==> flow/design.v <==
module cpu_relation_n #(
    parameter integer W = 40,
    parameter integer COUNT = 3
) (
    input wire clk,
    input wire RSTN,
    input wire step,
    input wire [COUNT*W-1:0] in_i,
    output reg [W-1:0] high_o
);
    reg [W-1:0] nxt;
    integer n;
    always @(*) begin
        nxt = in_i[W-1:0];
        for (n = 1; n < COUNT; n = n + 1)
            if (in_i[n*W +: W] > nxt) nxt = in_i[n*W +: W];
    end
    always @(posedge clk or negedge RSTN) begin
        if (!RSTN) begin
            high_o <= 0;
        end else if (step) begin
            high_o <= nxt;
        end
    end
endmodule
Tool chain data of cpu_relation_n
The steps from the RTL of cpu_relation_n to its reports follow in flow order.
Line numbers count from 1 in the design file above.
Operators: Yosys type, input widths -> output width; for muxes data width and select width s.
Cell names lack the library's common part.
{"block": "design", "design": "cpu_relation_n", "clk_port": "clk", "lib": "sky130hd", "lib_corner": "tt_025C_1v80"}

Word-level counts
Counts by Yosys on the flattened word-level netlist (proc, flatten, opt, wreduce; memories kept). Register bits leave out memories and registers merged into their read ports (data or address); mux counts leave out enables and synchronous resets folded into registers. Print and check cells are left out. Cells with the same type and inputs are merged into one.
{"block": "bits", "inputBits": 123, "out_inout_bits": 40, "wordCells": 5, "reg_bits": 40}
{"block": "op_classes", "muxes": 2, "compare": 2}
{"block": "op_table", "cell": "$gt 40x40->1", "n": 2}
{"block": "op_table", "cell": "$mux 40", "n": 2}

Depth
Longest topological path by Yosys (ltp), each cell counted once; first at word level (registers and memories cut), then after technology mapping (sequential cells cut; the memories' decode and read muxes count).
{"block": "depth", "word_depth": 4, "ABC_AREA": 0, "ltp_mapped": 19, "ltp_nobuf": 17}

After synthesis
The flow's flattened synthesis, as Yosys stat reports it; memories are mapped. The netlist is that of the ABC_AREA named above (0 if unset); the other value can give another one.
{"block": "synth_totals", "buffers": 38, "flip_flops": 40, "mapped_cells": 538, "seq_area_mm2": 0.001001, "area_mm2": 0.0048196}
{"block": "by_type", "type": "dfrtp_1", "n": 40, "type_area_um2": 1000.96}
{"block": "by_type", "type": "ha_1", "n": 80, "type_area_um2": 1000.96}
{"block": "by_type", "type": "a32oi_2", "n": 39, "type_area_um2": 634.358}
{"block": "by_type", "type": "a41oi_1", "n": 40, "type_area_um2": 350.336}
{"block": "by_type", "type": "nor2b_1", "n": 42, "type_area_um2": 262.752}
{"block": "by_type", "type": "o21ai_1", "n": 45, "type_area_um2": 225.216}
{"block": "by_type", "type": "a21oi_1", "n": 36, "type_area_um2": 180.173}
{"block": "by_type", "type": "nor2_1", "n": 47, "type_area_um2": 176.419}
{"block": "by_type", "type": "inv_1", "n": 43, "type_area_um2": 161.405}
{"block": "by_type", "type": "nand4_1", "n": 16, "type_area_um2": 100.096}
{"block": "by_type", "type": "buf_12", "n": 4, "type_area_um2": 80.077}
{"block": "by_type", "type": "clkbuf_1", "n": 21, "type_area_um2": 78.826}
{"block": "by_type", "type": "nand2_1", "n": 17, "type_area_um2": 63.811}
{"block": "by_type", "type": "nand4_4", "n": 3, "type_area_um2": 63.811}
{"block": "by_type", "type": "buf_2", "n": 12, "type_area_um2": 60.058}
{"block": "by_type", "type": "o21ai_0", "n": 8, "type_area_um2": 40.038}
{"block": "by_type", "type": "nand3_1", "n": 7, "type_area_um2": 35.034}
{"block": "by_type", "type": "a211oi_1", "n": 3, "type_area_um2": 22.522}
Other cell types: 24; their cells: 35.

Worst setup path after synthesis
OpenSTA on the mapped netlist: ideal clock, no wires. The path of least setup slack (recovery checks aside). Input and output delay are each 20% of the period. Register names are those of the netlist, which keeps one name where synthesis merged equal registers.
{"block": "synth_timing", "path_kind": "input -> register", "start": "input in_i[19]", "end": "register high_o[0]", "required_time_ns": 5.210, "stages": 18, "tclk_ns": 5.34, "n_path_buf": 2, "arrival_ns": 4.358, "delay_ns": 3.420, "setup_slack_ns": 0.852, "launch_ns": 1.068, "setup_ns": 0.130, "in_delay_ns": 1.068, "period_less_setup_slack_ns": 4.488}
"delay_ns" = arrival - input delay + setup time.
"stages": output pins that drive a net of the path, with the launching flip-flop's if there is one; two outputs of one cell count as two.
"period_less_setup_slack_ns" = period - worst setup slack (recovery checks aside). The figure is calculated, with input and output delays left at 20% of the set period.
The rows between start and end are the longest chain of elaborated cells between them; the timing report does not say that the signal goes this way. Where chains are equally long, one stands for them.
A line is the first line of the expression or statement that the cell stems from. Yosys adds cells for indexed reads and writes and turns some case tables into memories.
{"block": "synth_between", "cell_sequence": "inv_1 ha_1 nand4_1 nor2_1 a311oi_1 nand2_1 a211o_2 buf_2 a32oi_2 ha_1 nor2b_1 o211ai_1 a21oi_1 a211o_1 a211o_1 clkbuf_1 a41oi_1 o21ai_1", "elab_chain_cells": 4, "cone_cells": 4, "cone_lines": 1, "classes_between": "2 x compare; 2 x mux"}
{"block": "synth_rtl", "item": "start: declaration", "line_no": 8, "rtl": "input wire [COUNT*W-1:0] in_i,"}
{"block": "synth_rtl", "item": "$gt 40x40->1", "line_no": 16, "rtl": "if (in_i[n*W +: W] > nxt) nxt = in_i[n*W +: W];"}
{"block": "synth_rtl", "item": "$mux 40", "line_no": 16}
{"block": "synth_rtl", "item": "$gt 40x40->1", "line_no": 16}
{"block": "synth_rtl", "item": "$mux 40", "line_no": 16}
{"block": "synth_rtl", "item": "end: assignment", "line_no": 20, "rtl": "high_o <= 0;"}
{"block": "synth_rtl", "item": "end: assignment", "line_no": 22, "rtl": "high_o <= nxt;"}
{"block": "synth_rtl", "item": "end: declaration", "line_no": 9, "rtl": "output reg [W-1:0] high_o"}

Path in the finished layout
From the final timing report of stored run 1: the path of least setup slack in the routed layout; clock arrival at registers is part of the times.
{"block": "layout_timing", "path_kind": "input -> register", "start": "input in_i[14]", "end": "register high_o[39]", "in_delay_ns": 1.07, "stages": 20, "setup_ns": 0.07, "tclk_ns": 5.34, "required_time_ns": 5.55, "setup_slack_ns": -0.05, "n_path_buf": 5, "launch_ns": 1.07, "arrival_ns": 5.60}
The rows between start and end are the longest chain of elaborated cells between them; the timing report does not say that the signal goes this way. Where chains are equally long, one stands for them.
{"block": "layout_between", "cell_sequence": "clkdlybuf4s50_1 inv_1 ha_4 nand4_1 buf_4 or4b_4 o21ai_4 a21oi_4 buf_4 buf_4 nor2_2 a32oi_4 ha_4 nand4_1 nor4_2 nand3_1 o21a_4 a21bo_4 clkbuf_16 o21ai_2", "elab_chain_cells": 4, "cone_cells": 4, "cone_lines": 1, "classes_between": "2 x compare; 2 x mux"}
{"block": "layout_rtl", "item": "start: declaration", "line_no": 8, "rtl": "input wire [COUNT*W-1:0] in_i,"}
{"block": "layout_rtl", "item": "$gt 40x40->1", "line_no": 16, "rtl": "if (in_i[n*W +: W] > nxt) nxt = in_i[n*W +: W];"}
{"block": "layout_rtl", "item": "$mux 40", "line_no": 16}
{"block": "layout_rtl", "item": "$gt 40x40->1", "line_no": 16}
{"block": "layout_rtl", "item": "$mux 40", "line_no": 16}
{"block": "layout_rtl", "item": "end: assignment", "line_no": 20, "rtl": "high_o <= 0;"}
{"block": "layout_rtl", "item": "end: assignment", "line_no": 22, "rtl": "high_o <= nxt;"}
{"block": "layout_rtl", "item": "end: declaration", "line_no": 9, "rtl": "output reg [W-1:0] high_o"}

Appendix: measured runs

cpu_relation_n through Yosys and OpenROAD on sky130hd: 3 stored runs, unordered, with their settings and measured results. The constraints put input and output delay at 20% of the set period each and load the outputs with 0.01 pF.
"achievedPeriod_ns": clock period set for the run, less the worst setup slack. It is reckoned from that one timing run; input and output delays stay at 20% of the period that was set.
"power_mw": no workload was simulated; the value follows from the tool's default switching activity.

{"run": "stored run 1", "settings": { "period_ns": 5.34, "CAP_MARGIN": 20, "CORE_MARGIN": 2, "CORE_UTILIZATION": 40, "SLEW_MARGIN": 20 }, "results": { "achievedPeriod_ns": 5.391, "total_die_area_mm2": 0.0129436, "ws_hold_ns": 0.606, "power_mw": 1.901, "post_route_util_pct": 72.7, "ys_area_mm2": 0.0048196, "final_setup_ws_ns": -0.051 }}
{"run": "stored run 2", "settings": { "period_ns": 7.62, "CORE_UTILIZATION": 61, "PLACE_DENSITY": 0.67, "TNS_END_PERCENT": 85, "GPL_TIMING_DRIVEN": 0, "GPL_ROUTABILITY_DRIVEN": 1, "CTS_CLUSTER_DIAMETER": 178, "CAP_MARGIN": 15, "MIN_ROUTING_LAYER": "met1", "MAX_ROUTING_LAYER": "met4", "CORE_MARGIN": 2, "SLEW_MARGIN": 20 }, "results": { "ys_area_mm2": 0.0048196, "achievedPeriod_ns": 6.304, "final_setup_ws_ns": 1.316, "post_route_util_pct": 86.9, "ws_hold_ns": 0.622, "power_mw": 1.078, "total_die_area_mm2": 0.0086276 }}
{"run": "stored run 3", "settings": { "period_ns": 4.84, "CORE_UTILIZATION": 63, "SETUP_SLACK_MARGIN": -0.08, "TNS_END_PERCENT": 45, "GPL_TIMING_DRIVEN": 1, "CTS_CLUSTER_DIAMETER": 279, "MIN_ROUTING_LAYER": "met1", "MAX_ROUTING_LAYER": "met4", "CAP_MARGIN": 20, "CORE_MARGIN": 2, "SLEW_MARGIN": 20 }, "outcome": "did not finish, placement stopped with DPL-0038"}
